==> flow/design.v <==
module sync_compare #(
   parameter DWIDTH = 8
) (
   input wire i_clk,
   input wire valid,
   input wire [DWIDTH-1:0] dataa,
   input wire [DWIDTH-1:0] datab,
   input wire [DWIDTH-1:0] datac,
   output wire in_range
);
   reg r_in_range;
   always @(posedge i_clk) begin
      if (valid) begin
         r_in_range <= (dataa >= datab) && (dataa <= datac);
      end
   end
   assign in_range = r_in_range;
endmodule
Hand-over note for sync_compare

### Step by step through the tools: sync_compare

Tool output for the members of one design family, told apart by "DWIDTH", in the order of the flow.
The file above is the member DWIDTH=8. Line numbers count from 1 in each member's own file.
Library cell names are shortened.
The mark n/a stands for no value.

* design top: sync_compare
* clock: i_clk
* cell library: sky130hd
* library corner: tt_025C_1v80

### Source of the members

Lines of each other member's file that are new or changed against the file above; lines that a member lacks are not shown.

New or changed lines
* DWIDTH 10: line 2 `parameter DWIDTH = 10`
* DWIDTH 16: line 2 `parameter DWIDTH = 16`
* DWIDTH 48: line 2 `parameter DWIDTH = 48`

### Elaborated design

Source: Yosys, flattened and elaborated, memories not mapped. Widths are those after wreduce; folded enables and synchronous resets count as part of the registers. Registers that Yosys merges into a memory's read port (data or address) are not register bits. Print and check cells do not count. Equal cells are merged and count once.

Operators by class
* DWIDTH 8: order comparisons 2, reductions and logical operators 1
* DWIDTH 10: order comparisons 2, reductions and logical operators 1
* DWIDTH 16: order comparisons 2, reductions and logical operators 1
* DWIDTH 48: order comparisons 2, reductions and logical operators 1

Operators with widths (kinds with counts)
* DWIDTH 8: 8-bit >= comparator (1); 8-bit <= comparator (1); 1-bit logical AND (1)
* DWIDTH 10: 10-bit >= comparator (1); 10-bit <= comparator (1); 1-bit logical AND (1)
* DWIDTH 16: 16-bit >= comparator (1); 16-bit <= comparator (1); 1-bit logical AND (1)
* DWIDTH 48: 48-bit >= comparator (1); 48-bit <= comparator (1); 1-bit logical AND (1)

Bit counts
* DWIDTH 8: bits in registers 1, input bits 26, output and inout bits 1, cells after elaboration 4
* DWIDTH 10: bits in registers 1, input bits 32, output and inout bits 1, cells after elaboration 4
* DWIDTH 16: bits in registers 1, input bits 50, output and inout bits 1, cells after elaboration 4
* DWIDTH 48: bits in registers 1, input bits 146, output and inout bits 1, cells after elaboration 4

### Longest topological paths

Yosys ltp: most cells in a row. Word level: on the elaborated netlist, between registers, memories and ports. Mapped: between sequential cells and ports; inverters and the memories' decode and read muxes count.

Logic depth
* DWIDTH 8: depth in word-level cells 2, ABC_AREA 0, mapped depth 6, gate-level depth less buffers 6
* DWIDTH 10: depth in word-level cells 2, ABC_AREA 0, mapped depth 6, gate-level depth less buffers 6
* DWIDTH 16: depth in word-level cells 2, ABC_AREA 0, mapped depth 7, gate-level depth less buffers 7
* DWIDTH 48: depth in word-level cells 2, ABC_AREA 0, mapped depth 8, gate-level depth less buffers 8

### After synthesis

Source: synth_stat.txt of the flow (Yosys; design flattened, memories mapped). It holds for the ABC_AREA given above (unset counts as 0); a run with the other value may have another netlist.

Mapped netlist
* DWIDTH 8: cells in the netlist 58, cell area after synthesis 0.0004317 sq mm, sequential part of the area 0.00003 sq mm, flip-flop cells 1, buffers 0
* DWIDTH 10: cells in the netlist 67, cell area after synthesis 0.000538 sq mm, sequential part of the area 0.00003 sq mm, flip-flop cells 1, buffers 0
* DWIDTH 16: cells in the netlist 111, cell area after synthesis 0.0008371 sq mm, sequential part of the area 0.00003 sq mm, flip-flop cells 1, buffers 0
* DWIDTH 48: cells in the netlist 344, cell area after synthesis 0.0025024 sq mm, sequential part of the area 0.00003 sq mm, flip-flop cells 1, buffers 0

Cell types (type and count)
* DWIDTH 8: ha_1 (16); inv_1 (16); a21oi_1 (7); edfxtp_1 (1); o21ai_0 (4); nand2_1 (4); a211oi_2 (1); nand4_2 (1); nor2_1 (3); nor3_2 (1); a21o_1 (1); nor3b_1 (1); nand3_1 (1); nor3_1 (1)
* DWIDTH 10: ha_1 (20); inv_1 (19); edfxtp_1 (1); a21oi_1 (5); o21ai_0 (4); nor4b_2 (1); nand2b_4 (1); a211oi_2 (1); nand4_1 (2); mux2i_1 (1); o32a_1 (1); a41oi_1 (1); and4_1 (1); a211oi_1 (1); a21o_1 (1); nand2_1 (2); nor3b_1 (1); nor2b_1 (1); [+3]
* DWIDTH 16: ha_1 (32); inv_1 (32); a21oi_1 (11); nand4_4 (2); edfxtp_1 (1); nand2_1 (7); o21ai_0 (5); nand4_1 (3); nor2b_1 (2); nor4_1 (2); a2111o_1 (1); nor2_1 (3); nand3_1 (2); o211a_1 (1); o32a_1 (1); a221oi_1 (1); a211oi_1 (1); nor3b_1 (1); [+3]
* DWIDTH 48: ha_1 (96); inv_1 (97); a21oi_1 (39); nand2_1 (25); nand4_1 (12); nand4_2 (5); a21o_1 (7); nand3_1 (10); o21ai_0 (9); a221oi_1 (5); edfxtp_1 (1); and4_1 (3); nor4_2 (2); nor4_4 (1); and3_1 (3); nor3_4 (1); a211oi_1 (2); nor2_1 (4); [+22]

The mark [+n] counts cells that are not listed.

### Timing after synthesis

OpenSTA on the mapped netlist: ideal clock, no wires. The path of least setup slack (recovery checks aside). Input and output delay are each 20% of the period. Register names are those of the netlist, which keeps one name where synthesis merged equal registers.

Timing path post-synthesis
* DWIDTH 8: path kind input -> register, from input port datac[7], to register r_in_range, period 1620 ps, setup slack 256 ps, stages 6, path delay 1040 ps, synthesis period reached 1364 ps
* DWIDTH 10: path kind input -> register, from input port dataa[0], to register r_in_range, period 1970 ps, setup slack 316 ps, stages 6, path delay 1261 ps, synthesis period reached 1654 ps
* DWIDTH 16: path kind input -> register, from input port datac[1], to register r_in_range, period 2140 ps, setup slack 343 ps, stages 7, path delay 1369 ps, synthesis period reached 1797 ps
* DWIDTH 48: path kind input -> register, from input port datab[15], to register r_in_range, period 2360 ps, setup slack 379 ps, stages 8, path delay 1509 ps, synthesis period reached 1981 ps

"path delay" = arrival - input delay + setup time.
"stages" counts driving pins, that of a launching flip-flop among them; a cell with two outputs on the path counts twice.
"synthesis period reached" = period - worst setup slack (recovery checks aside). The figure is calculated, with input and output delays left at 20% of the set period.
Between the ends stands the longest chain of elaborated cells between them, by number of cells; it is not shown to be the way that was timed. Of several equally long chains one is given.
A line is the first line of the expression or statement that the cell stems from. Yosys adds cells for indexed reads and writes and turns some case tables into memories.

Between the ends, post-synthesis, DWIDTH=8:
* length of the longest elaborated chain: 2

RTL lines, path post-synthesis, DWIDTH=8
* start, declared: line 8 `input wire [DWIDTH-1:0] datac,`
* 8-bit <= comparator: line 14 `r_in_range <= (dataa >= datab) && (dataa <= datac);`
* 1-bit logical AND: line 14
* end, assigned: line 14
* end, declared: line 11 `reg r_in_range;`

Between the ends, post-synthesis, DWIDTH=48:
* length of the longest elaborated chain: 2

RTL lines, path post-synthesis, DWIDTH=48
* start, declared: line 7 `input wire [DWIDTH-1:0] datab,`
* 48-bit >= comparator: line 14 `r_in_range <= (dataa >= datab) && (dataa <= datac);`
* 1-bit logical AND: line 14
* end, assigned: line 14
* end, declared: line 11 `reg r_in_range;`

### Path in the finished layout

Path of least setup slack in the final report of the run of each member (OpenROAD, finished layout, wires in). Where an end is a register, its clock arrival counts in the times.
The path's times are printed in steps of 10 ps; the period is the one set.

Timing path after layout
* DWIDTH 8: path kind input -> register, from input port datab[1], to register r_in_range, period 1620 ps, setup slack -40 ps, stages 7, arrival time 1390 ps, path buffers 1
* DWIDTH 10: path kind input -> register, from input port datac[8], to register r_in_range, period 1970 ps, setup slack -50 ps, stages 7, arrival time 1750 ps, path buffers 1
* DWIDTH 16: path kind input -> register, from input port dataa[5], to register r_in_range, period 2140 ps, setup slack 60 ps, stages 6, arrival time 1820 ps, path buffers 1
* DWIDTH 48: path kind input -> register, from input port datac[11], to register r_in_range, period 2360 ps, setup slack -210 ps, stages 9, arrival time 2400 ps, path buffers 2

### Flow runs

Settings and results of one run of the flow (Yosys, OpenROAD) for each member follow. The constraints put input and output delay at 20% of the set period each and load the outputs with 0.01 pF.

* CAP_MARGIN: 20
* CORE_MARGIN: 2
* CORE_UTILIZATION: 40
* SLEW_MARGIN: 20

Settings that differ (period_ns)
* DWIDTH 8: 1.62
* DWIDTH 10: 1.97
* DWIDTH 16: 2.14
* DWIDTH 48: 2.36

Results
* DWIDTH 8: cell area after synthesis 0.0004317 sq mm, die footprint 0.0013579 sq mm, standard-cell area of the final layout 0.0009046 sq mm, utilization after routing 0.939, lowest setup slack -36 ps, total negative setup slack -36 ps, lowest hold slack 950 ps, total power after layout 0.3004 mW, achieved clock period 1656 ps
* DWIDTH 10: cell area after synthesis 0.000538 sq mm, die footprint 0.0016545 sq mm, standard-cell area of the final layout 0.0011061 sq mm, utilization after routing 0.861, lowest setup slack -49 ps, total negative setup slack -49 ps, lowest hold slack 1016 ps, total power after layout 0.2686 mW, achieved clock period 2019 ps
* DWIDTH 16: cell area after synthesis 0.0008371 sq mm, die footprint 0.0024746 sq mm, standard-cell area of the final layout 0.0017354 sq mm, utilization after routing 0.885, lowest setup slack 62 ps, total negative setup slack 0 ps, lowest hold slack 1057 ps, total power after layout 0.3566 mW, achieved clock period 2078 ps
* DWIDTH 48: cell area after synthesis 0.0025024 sq mm, die footprint 0.0069048 sq mm, standard-cell area of the final layout 0.0045068 sq mm, utilization after routing 0.752, lowest setup slack -213 ps, total negative setup slack -213 ps, lowest hold slack 1056 ps, total power after layout 0.7712 mW, achieved clock period 2573 ps

"achieved clock period" means the clock period less the worst setup slack. The figure is calculated, with input and output delays left at 20% of the set period.
"total power after layout" is the tool's figure for a default switching activity; nothing was simulated.

End of note.
